==> flow/design.v <==
module add_core #(
    parameter int DATA_WIDTH = 56
) (
    input  logic i_clk,
    input  logic rst_i,
    input  logic [DATA_WIDTH-1:0] A,
    input  logic [DATA_WIDTH-1:0] B,
    output logic [DATA_WIDTH-1:0] q,
    output logic carry_out
);
    logic [DATA_WIDTH-1:0] A_d1;
    always_ff @(posedge i_clk) begin
        if (rst_i) begin
            A_d1 <= 0;
        end else begin
            A_d1 <= A;
        end
    end
    logic [DATA_WIDTH-1:0] B_d1;
    always_ff @(posedge i_clk) begin
        if (rst_i) begin
            B_d1 <= 0;
        end else begin
            B_d1 <= B;
        end
    end
    logic [DATA_WIDTH-1:0] g;
    logic [DATA_WIDTH-1:0] p;
    always_comb begin
        g = A_d1 & B_d1;
        p = A_d1 ^ B_d1;
        for (int k = 1; k < DATA_WIDTH; k = k * 2) begin
            g = g | (p & (g << k));
            p = p & (p << k);
        end
    end
    assign q = A_d1 ^ B_d1 ^ {g[DATA_WIDTH-2:0], 1'b0};
    assign carry_out = g[DATA_WIDTH-1];
endmodule
## Tool chain data of add_core

Tool output for the design above, in the order of the flow.
Lines are those of the file above, counted from 1.
Operators: Yosys type, input widths -> output width; for muxes data width and select width s.
Cell names lack the library's common part.
The mark n/a stands for no value.

| design | value |
|---|---|
| design top | add_core |
| clock | i_clk |
| standard-cell library | sky130hd |
| timing corner | tt_025C_1v80 |

## Word-level counts

Counts by Yosys on the flattened word-level netlist (proc, flatten, opt, wreduce; memories kept). Register bits leave out memories and registers merged into their read ports (data or address); mux counts leave out enables and synchronous resets folded into registers. Print and check cells are left out. Cells with the same type and inputs are merged into one.

| word-level totals | value |
|---|---|
| memory bits (read-only) | 0 |
| register bits | 112 |
| input port bits | 114 |
| memory bits (writable) | 0 |
| latch bits | 0 |
| memories kept | 0 |
| word-level cells | 22 |
| clocked read ports x word width | 0 |

| operators by class | value |
|---|---|
| shift-type cells | 0 |
| add/sub/neg operators | 0 |
| equality and inequality tests | 0 |
| reduce/logical cells | 0 |
| multiply operators | 0 |
| div/mod/pow operators | 0 |
| bitwise operators | 20 |
| mux-type cells | 0 |
| magnitude comparators | 0 |

Operators with widths:

| operator | count |
|---|---|
| $and 56x56->56 | 12 |
| $or 56x56->56 | 6 |
| $xor 56x56->56 | 2 |

## Longest topological paths

Depth = most cells in a row (Yosys ltp): at word level without a register or memory, in the mapped netlist without a sequential cell, where the memories' decode and read muxes count.

| depth | value |
|---|---|
| depth after elaboration | 14 |
| ABC_AREA | 0 |
| depth in mapped cells | 11 |

## Synthesis result

Source: synth_stat.txt of the flow (Yosys; design flattened, memories mapped). It holds for the ABC_AREA given above (unset counts as 0); a run with the other value may have another netlist.

| synthesis totals | value |
|---|---|
| mapped area | 6617.6 um2 |
| flip-flops | 112 |
| cell count | 781 |
| sequential area | 2242.2 um2 |

Cells by type:

| type | count |
|---|---|
| dfxtp_1 | 112 |
| nor2b_1 | 120 |
| ha_1 | 56 |
| a21oi_1 | 71 |
| xnor2_1 | 26 |
| a21o_1 | 30 |
| nand2_1 | 53 |
| o21ai_0 | 37 |
| xor2_1 | 18 |
| nor2_1 | 41 |
| clkbuf_1 | 37 |
| nand4_1 | 19 |
| o21bai_1 | 15 |
| inv_1 | 22 |
| a211oi_1 | 10 |
| and3_1 | 10 |
| nand3_1 | 12 |
| o21a_1 | 8 |

Other cell types: 41; their cells: 84.

## Path before layout

Source: OpenSTA report_checks on the synthesized netlist (no wires, ideal clock, input and output delay 20% of the period each), path of least setup slack; recovery checks are left aside. Register names are those of the netlist, which keeps one name where synthesis merged equal registers.

| timing path post-synthesis | value |
|---|---|
| kind | register -> output |
| start | reg A_d1[10] |
| end | out q[37] |
| path slack | 0.704 ns |
| driving pins on the path | 10 |
| clock period | 4.4 ns |
| delay of the path | 2.816 ns |
| arrival | 2.816 ns |
| external output delay | 0.880 ns |
| synthesis period reached | 3.696 ns |

"delay of the path" = arrival - input delay + setup time.
A path that ends at an output port has no setup time.
"driving pins on the path" counts driving pins, that of a launching flip-flop among them; a cell with two outputs on the path counts twice.
"synthesis period reached" = period - worst setup slack (recovery checks aside). The figure is calculated, with input and output delays left at 20% of the set period.
The rows between start and end are the longest chain of elaborated cells between them; the timing report does not say that the signal goes this way. Where chains are equally long, one stands for them.
Each line given opens the expression or statement behind the cell; cells for indexed reads and writes are added by Yosys, which also makes memories of some case tables.

| on the way, post-synthesis | value |
|---|---|
| cell sequence | dfxtp_1 > ha_1 > and4_4 > nand3_2 > or3_4 > a2111o_1 > a211oi_4 > o21ai_0 > nor4b_1 > a311oi_1 |
| length of the longest elaborated chain | 12 |

Ends and longest elaborated chain, post-synthesis:

| element | line | source |
|---|---|---|
| start, declared | 11 | `logic [DATA_WIDTH-1:0] A_d1;` |
| start, assigned | 14 | `A_d1 <= 0;` |
| start, assigned | 16 | `A_d1 <= A;` |
| $xor 56x56->56 | 31 | `p = A_d1 ^ B_d1;` |
| $and 56x56->56 | 33 | `g = g \| (p & (g << k));` |
| $or 56x56->56 | 33 |  |
| $and 56x56->56 | 33 |  |
| $or 56x56->56 x2 | 33 |  |
| $and 56x56->56 | 33 |  |
| $or 56x56->56 | 33 |  |
| $and 56x56->56 | 33 |  |
| $or 56x56->56 x2 | 33 |  |
| $xor 56x56->56 | 37 | `assign q = A_d1 ^ B_d1 ^ {g[DATA_WIDTH-2:0], 1'b0};` |
| end, declared | 8 | `output logic [DATA_WIDTH-1:0] q,` |

## Timing after layout

From the final timing report of job 2: the path of least setup slack in the routed layout; clock arrival at registers is part of the times.

| timing path post-layout | value |
|---|---|
| kind | register -> output |
| start | reg A_d1[0] |
| end | out carry_out |
| path slack | 0.64 ns |
| clock period | 6.27 ns |
| driving pins on the path | 13 |
| arrival | 4.38 ns |
| external output delay | 1.25 ns |

The rows between start and end are the longest chain of elaborated cells between them; the timing report does not say that the signal goes this way. Where chains are equally long, one stands for them.

| on the way, post-layout | value |
|---|---|
| cell sequence | dfxtp_1 > ha_1 > inv_1 > fa_1 > nor2b_1 > o2111ai_1 > a21oi_1 > o21ai_0 > a211oi_1 > a211oi_1 > o21ai_0 > a221o_1 > clkdlybuf4s50_1 |
| length of the longest elaborated chain | 12 |

Ends and longest elaborated chain, post-layout:

| element | line | source |
|---|---|---|
| start, declared | 11 | `logic [DATA_WIDTH-1:0] A_d1;` |
| start, assigned | 14 | `A_d1 <= 0;` |
| start, assigned | 16 | `A_d1 <= A;` |
| $and 56x56->56 | 30 | `g = A_d1 & B_d1;` |
| $and 56x56->56 | 33 | `g = g \| (p & (g << k));` |
| $or 56x56->56 | 33 |  |
| $and 56x56->56 | 33 |  |
| $or 56x56->56 | 33 |  |
| $and 56x56->56 | 33 |  |
| $or 56x56->56 x2 | 33 |  |
| $and 56x56->56 | 33 |  |
| $or 56x56->56 | 33 |  |
| $and 56x56->56 | 33 |  |
| $or 56x56->56 | 33 |  |
| end, declared | 9 | `output logic carry_out` |

## Implementation results

Top module add_core; platform sky130hd; tools Yosys and OpenROAD; 3 stored runs in no particular order. Input and output delays are each 20% of the period that was set; the output load is 0.01 pF.
"period achieved" = clock period - worst setup slack. The figure is calculated, with input and output delays left at 20% of the set period.
"critical path time" = time allowed to the worst setup path (clock period - input delay - output delay, where it has them) - its slack; a late launch clock adds to it, a late capture clock takes from it.
"overall power" rests on the timing tool's default activity at the inputs, not on a simulated workload.

#### Job 1

| setting | value |
|---|---|
| period_ns | `2.65` |
| CORE_UTILIZATION | `64` |
| PLACE_DENSITY_LB_ADDON | `0.23` |
| CELL_PAD_IN_SITES_GLOBAL_PLACEMENT | `3` |
| ABC_AREA | `1` |
| GPL_TIMING_DRIVEN | `0` |
| GPL_ROUTABILITY_DRIVEN | `0` |
| CTS_CLUSTER_DIAMETER | `253` |
| CAP_MARGIN | `30` |
| SLEW_MARGIN | `10` |
| MAX_ROUTING_LAYER | `met5` |
| CORE_MARGIN | `2` |

No final report: placement broke off with FLW-0024.

#### Job 2

| setting | value |
|---|---|
| period_ns | `6.27` |
| CORE_UTILIZATION | `32` |
| PLACE_DENSITY | `0.54` |
| HOLD_SLACK_MARGIN | `0.29` |
| CORE_ASPECT_RATIO | `0.53` |
| CELL_PAD_IN_SITES_GLOBAL_PLACEMENT | `2` |
| CTS_CLUSTER_SIZE | `95` |
| CTS_CLUSTER_DIAMETER | `89` |
| CAP_MARGIN | `35` |
| CORE_MARGIN | `2` |
| SLEW_MARGIN | `20` |

| result | value |
|---|---|
| overall power | 1872 µW |
| full die area | 21904.3 um2 |
| total negative slack on setup checks | 0.000 ns |
| utilization of the finished layout | 43.5 % |
| worst-case hold slack | 1.362 ns |
| standard-cell area after layout | 8842.2 um2 |
| period achieved | 5.632 ns |
| worst setup slack after layout | 0.638 ns |
| critical path time | 4.38 ns |
| worst path kind | register -> output |
| netlist area reported by Yosys | 6617.6 um2 |

#### Job 3

| setting | value |
|---|---|
| period_ns | `4.4` |
| CAP_MARGIN | `20` |
| CORE_MARGIN | `2` |
| CORE_UTILIZATION | `40` |
| SLEW_MARGIN | `20` |

| result | value |
|---|---|
| overall power | 2679 µW |
| full die area | 17589.4 um2 |
| total negative slack on setup checks | 0.000 ns |
| utilization of the finished layout | 55.9 % |
| worst-case hold slack | 0.970 ns |
| standard-cell area after layout | 9135.0 um2 |
| period achieved | 4.298 ns |
| worst setup slack after layout | 0.102 ns |
| critical path time | 3.42 ns |
| worst path kind | register -> output |
| netlist area reported by Yosys | 6617.6 um2 |
